==> flow/design.v <==
module u_shifter_top #(
   parameter integer BITS = 14,
   parameter integer LG = $clog2(BITS)
) (
   input  core_clk,
   input  RST,
   input  signed [BITS-1:0] i_d,
   input  [LG-1:0] i_count,
   output [BITS-1:0] o_z_o
);
   reg signed [BITS-1:0] d_reg;
   reg [LG-1:0] count_reg;
   reg signed [BITS-1:0] t_reg;
   reg [1:0] count_reg_lo;
   reg [BITS-1:0] z_o_reg;
   assign o_z_o = z_o_reg;
   always @(posedge core_clk) begin
      if (RST) begin
         d_reg <= 0;
         count_reg <= 0;
         t_reg <= 0;
         count_reg_lo <= 0;
         z_o_reg <= 0;
      end else begin
         d_reg <= i_d;
         count_reg <= i_count;
         t_reg <= d_reg >>> {count_reg[LG-1:2], 2'b00};
         count_reg_lo <= count_reg[1:0];
         z_o_reg <= t_reg >>> count_reg_lo;
      end
   end
endmodule
# Step by step through the tools: u_shifter_top
# What the tools print for u_shifter_top, step after step.
# Lines are those of the file above, counted from 1.
# Cell names lack the library's common part.
design:
  top_module: "u_shifter_top"
  clk_port: "core_clk"
  library: "sky130hd"
  pvt_corner: "tt_025C_1v80"

# After elaboration
# Yosys after proc, flatten, opt, wreduce and memory -nomap, before mapping. Enables and synchronous resets that opt folds into registers are not counted as muxes. Memory bits, and registers merged into a memory's read port (data or address), are not among the register bits. Print and check cells are not counted. Equal cells are merged and count once.
bits:
  reg_bits: 48
  latchBits: 0
  mem_bits_rw: 0
  mem_bits_ro: 0
  clocked_rd_ports_x_width: 0
  n_memories: 0
  input_bits: 20
  output_inout_bits: 14
  wordCells: 7
op_classes:
  n_addsub: 0
  multipliers: 0
  div_mod_pow: 0
  compare: 0
  n_eq: 0
  shift: 2
  n_mux: 0
  bitwise: 0
  reduce_and_logical: 0
op_table:
  columns: ["op", "n"]
  rows:
  - ["14-bit by 2-bit >>> shifter with 14-bit output", 1]
  - ["14-bit by 4-bit >>> shifter with 14-bit output", 1]

# Logic depth
# Depth = most cells in a row (Yosys ltp): at word level without a register or memory, in the mapped netlist without a sequential cell, where the memories' decode and read muxes count.
depth:
  word_depth: 1
  abc_area: 0
  mapped_depth: 5
  depth_no_buf: 3

# After synthesis
# Yosys stat after the flow's synthesis: flattened, memories mapped to cells. It holds for the ABC_AREA given above (unset counts as 0); a run with the other value may have another netlist.
by_type:
  columns: ["cell_type", "n", "type_area_um2"]
  rows:
  - ["dfxtp_1", 48, 960.922]
  - ["mux4_2", 12, 270.259]
  - ["nor2b_1", 38, 237.728]
  - ["a221o_1", 4, 40.038]
  - ["a22o_1", 4, 35.034]
  - ["nor4b_1", 4, 35.034]
  - ["a211oi_1", 4, 30.029]
  - ["nor2_1", 8, 30.029]
  - ["a21oi_1", 5, 25.024]
  - ["buf_12", 1, 20.019]
  - ["buf_2", 4, 20.019]
  - ["nand2_1", 5, 18.768]
  - ["buf_1", 4, 15.014]
  - ["nor2b_4", 1, 13.763]
  - ["nand2b_1", 2, 12.512]
  - ["buf_6", 1, 11.261]
  - ["mux2_1", 1, 11.261]
  - ["mux2i_1", 1, 10.01]
# Other cell types: 3; their cells: 5.
mapped:
  cells: 152
  mapped_area_um2: 1820.5
  seq_area_um2: 960.9
  ff_cells: 48
  buf_cells: 12

# Timing after synthesis
# Path of least setup slack by OpenSTA after synthesis, without wires, with an ideal clock, recovery checks aside; 20% of the period is set as input and as output delay. Where synthesis merged equal registers, the netlist keeps one of their names.
synth_path:
  kind: "reg-to-reg"
  from: "reg count_reg_lo[0]"
  to: "reg z_o_reg[10]"
  period_ns: 1.61
  setup_ns: 0.127
  t_first_pin_ns: 0.000
  t_arrival_ns: 1.161
  required_time_ns: 1.483
  path_slack_ns: 0.322
  delay_ns: 1.288
  stages: 5
  n_path_buf: 2
  period_less_setup_slack_ns: 1.288
# "delay_ns" is the arrival time less input delay plus setup time.
# "stages": output pins that drive a net of the path, with the launching flip-flop's if there is one; two outputs of one cell count as two.
# "period_less_setup_slack_ns" = period - worst setup slack (recovery checks aside). The figure is calculated, with input and output delays left at 20% of the set period.
# Between the ends stands the longest chain of elaborated cells between them, by number of cells; it is not shown to be the way that was timed. Of several equally long chains one is given.
# Each line given opens the expression or statement behind the cell; cells for indexed reads and writes are added by Yosys, which also makes memories of some case tables.
synth_via:
  path_cell_list: "dfxtp_1 -> buf_6 -> buf_12 -> mux4_2 -> nor2b_4"
  elab_chain_len: 1
  cone_cells: 1
  cone_lines: 1
  cone_classes: "shift (1)"
synth_rtl:
  columns: ["item", "line", "rtl"]
  rows:
  - ["from (decl)", 14, "reg [1:0] count_reg_lo;"]
  - ["from (assign)", 22, "count_reg_lo <= 0;"]
  - ["from (assign)", 28, "count_reg_lo <= count_reg[1:0];"]
  - ["14-bit by 2-bit >>> shifter with 14-bit output", 29, "z_o_reg <= t_reg >>> count_reg_lo;"]
  - ["to (assign)", 23, "z_o_reg <= 0;"]
  - ["to (assign)", 29, null]
  - ["to (decl)", 15, "reg [BITS-1:0] z_o_reg;"]

# Path in the finished layout
# Path of least setup slack in the final report of flow run 1 (OpenROAD, finished layout, wires in). Where an end is a register, its clock arrival counts in the times.
layout_path:
  kind: "reg-to-reg"
  from: "reg count_reg_lo[0]"
  to: "reg z_o_reg[4]"
  period_ns: 1.06
  setup_ns: 0.11
  t_first_pin_ns: 0.30
  t_arrival_ns: 1.45
  required_time_ns: 1.25
  path_slack_ns: -0.20
  stages: 4
  n_path_buf: 1
# Between the ends stands the longest chain of elaborated cells between them, by number of cells; it is not shown to be the way that was timed. Of several equally long chains one is given.
layout_via:
  path_cell_list: "dfxtp_2 -> buf_12 -> mux4_2 -> nor2b_1"
  elab_chain_len: 1
  cone_cells: 1
  cone_lines: 1
  cone_classes: "shift (1)"
layout_rtl:
  columns: ["item", "line", "rtl"]
  rows:
  - ["from (decl)", 14, "reg [1:0] count_reg_lo;"]
  - ["from (assign)", 22, "count_reg_lo <= 0;"]
  - ["from (assign)", 28, "count_reg_lo <= count_reg[1:0];"]
  - ["14-bit by 2-bit >>> shifter with 14-bit output", 29, "z_o_reg <= t_reg >>> count_reg_lo;"]
  - ["to (assign)", 23, "z_o_reg <= 0;"]
  - ["to (assign)", 29, null]
  - ["to (decl)", 15, "reg [BITS-1:0] z_o_reg;"]

# Flow runs of u_shifter_top

Record of 3 stored runs of the RTL-to-layout flow on u_shifter_top, platform sky130hd. The runs are unordered. Constraints: input delay and output delay 20% of the set period each, output load 0.01 pF.
By "achieved_clock_period_ns" is meant the clock period of the run minus its worst setup slack. This is arithmetic on one report: input and output delays are still those of the set period (20% each).
"worst_path_ns": the worst setup path's part of the clock period (all of it between registers, 20% less for each end at a port) less its slack. A launch clock that arrives late makes it longer, a capture clock that arrives late makes it shorter.
"power.total_mw" rests on the timing tool's default activity at the inputs, not on a simulated workload.

--- flow run 1 ---
==> flow/run.sh <==
#!/bin/bash
# the make line also repeats the synthesis and layout settings of config.mk as NAME=value (left out here)
make -C /OpenROAD-flow-scripts/flow DESIGN_CONFIG=/design/flow/config.mk WORK_HOME=/design/flow/orfs CLKGATE_MAP_FILE= finish
==> flow/config.mk <==
export PLATFORM = sky130hd
export DESIGN_NAME = u_shifter_top
export DESIGN_NICKNAME = u_shifter_top
export VERILOG_FILES = /design/flow/design.v
export SDC_FILE = /design/flow/constraint.sdc
export NUM_CORES = 4
export LEC_CHECK = 0
export ABC_AREA = 0
export CAP_MARGIN = 20
export CORE_ASPECT_RATIO = 0.52
export CORE_MARGIN = 2
export CORE_UTILIZATION = 34
export CTS_CLUSTER_SIZE = 86
export GPL_ROUTABILITY_DRIVEN = 0
export PLACE_DENSITY = 0.67
export SLEW_MARGIN = 30
==> flow/constraint.sdc <==
create_clock -name core_clock -period 1.06 [get_ports {core_clk}]
set_input_delay 0.2120 -clock core_clock [delete_from_list [all_inputs] [get_ports {core_clk}]]
set_output_delay 0.2120 -clock core_clock [all_outputs]
set_load 0.01 [all_outputs]

==> results, as YAML <==
results:
  yosys_chip_area_um2: 1820.5
  final_die_area_um2: 5987.3
  hold_worst_slack_ns: 0.445
  power.total_mw: 3.400
  worst_path_ns: 1.26
  critical_path_type: "reg-to-reg"
  timing.setup.ws_ns: -0.201
  final_util_frac: 0.454
  achieved_clock_period_ns: 1.261

--- flow run 2 ---
==> flow/run.sh <==
#!/bin/bash
# the make line also repeats the synthesis and layout settings of config.mk as NAME=value (left out here)
make -C /OpenROAD-flow-scripts/flow DESIGN_CONFIG=/design/flow/config.mk WORK_HOME=/design/flow/orfs CLKGATE_MAP_FILE= finish
==> flow/config.mk <==
export PLATFORM = sky130hd
export DESIGN_NAME = u_shifter_top
export DESIGN_NICKNAME = u_shifter_top
export VERILOG_FILES = /design/flow/design.v
export SDC_FILE = /design/flow/constraint.sdc
export NUM_CORES = 4
export LEC_CHECK = 0
export CAP_MARGIN = 20
export CORE_MARGIN = 2
export CORE_UTILIZATION = 40
export SLEW_MARGIN = 20
==> flow/constraint.sdc <==
create_clock -name core_clock -period 1.61 [get_ports {core_clk}]
set_input_delay 0.3220 -clock core_clock [delete_from_list [all_inputs] [get_ports {core_clk}]]
set_output_delay 0.3220 -clock core_clock [all_outputs]
set_load 0.01 [all_outputs]

==> results, as YAML <==
results:
  yosys_chip_area_um2: 1820.5
  final_die_area_um2: 5106.5
  hold_worst_slack_ns: 0.442
  power.total_mw: 2.250
  worst_path_ns: 1.15
  critical_path_type: "reg-to-output"
  timing.setup.ws_ns: 0.136
  final_util_frac: 0.519
  achieved_clock_period_ns: 1.474

--- flow run 3 ---
==> flow/run.sh <==
#!/bin/bash
# the make line also repeats the synthesis and layout settings of config.mk as NAME=value (left out here)
make -C /OpenROAD-flow-scripts/flow DESIGN_CONFIG=/design/flow/config.mk WORK_HOME=/design/flow/orfs CLKGATE_MAP_FILE= finish
==> flow/config.mk <==
export PLATFORM = sky130hd
export DESIGN_NAME = u_shifter_top
export DESIGN_NICKNAME = u_shifter_top
export VERILOG_FILES = /design/flow/design.v
export SDC_FILE = /design/flow/constraint.sdc
export NUM_CORES = 4
export LEC_CHECK = 0
export CAP_MARGIN = 25
export CELL_PAD_IN_SITES_DETAIL_PLACEMENT = 0
export CELL_PAD_IN_SITES_GLOBAL_PLACEMENT = 1
export CORE_ASPECT_RATIO = 1.33
export CORE_MARGIN = 2
export CORE_UTILIZATION = 23
export GPL_TIMING_DRIVEN = 1
export SETUP_SLACK_MARGIN = 0.15
export SLEW_MARGIN = 20
==> flow/constraint.sdc <==
create_clock -name core_clock -period 1.19 [get_ports {core_clk}]
set_input_delay 0.2380 -clock core_clock [delete_from_list [all_inputs] [get_ports {core_clk}]]
set_output_delay 0.2380 -clock core_clock [all_outputs]
set_load 0.01 [all_outputs]

==> results, as YAML <==
results:
  yosys_chip_area_um2: 1820.5
  final_die_area_um2: 8650.1
  hold_worst_slack_ns: 0.447
  power.total_mw: 3.285
  worst_path_ns: 1.24
  critical_path_type: "reg-to-reg"
  timing.setup.ws_ns: -0.046
  final_util_frac: 0.313
  achieved_clock_period_ns: 1.236
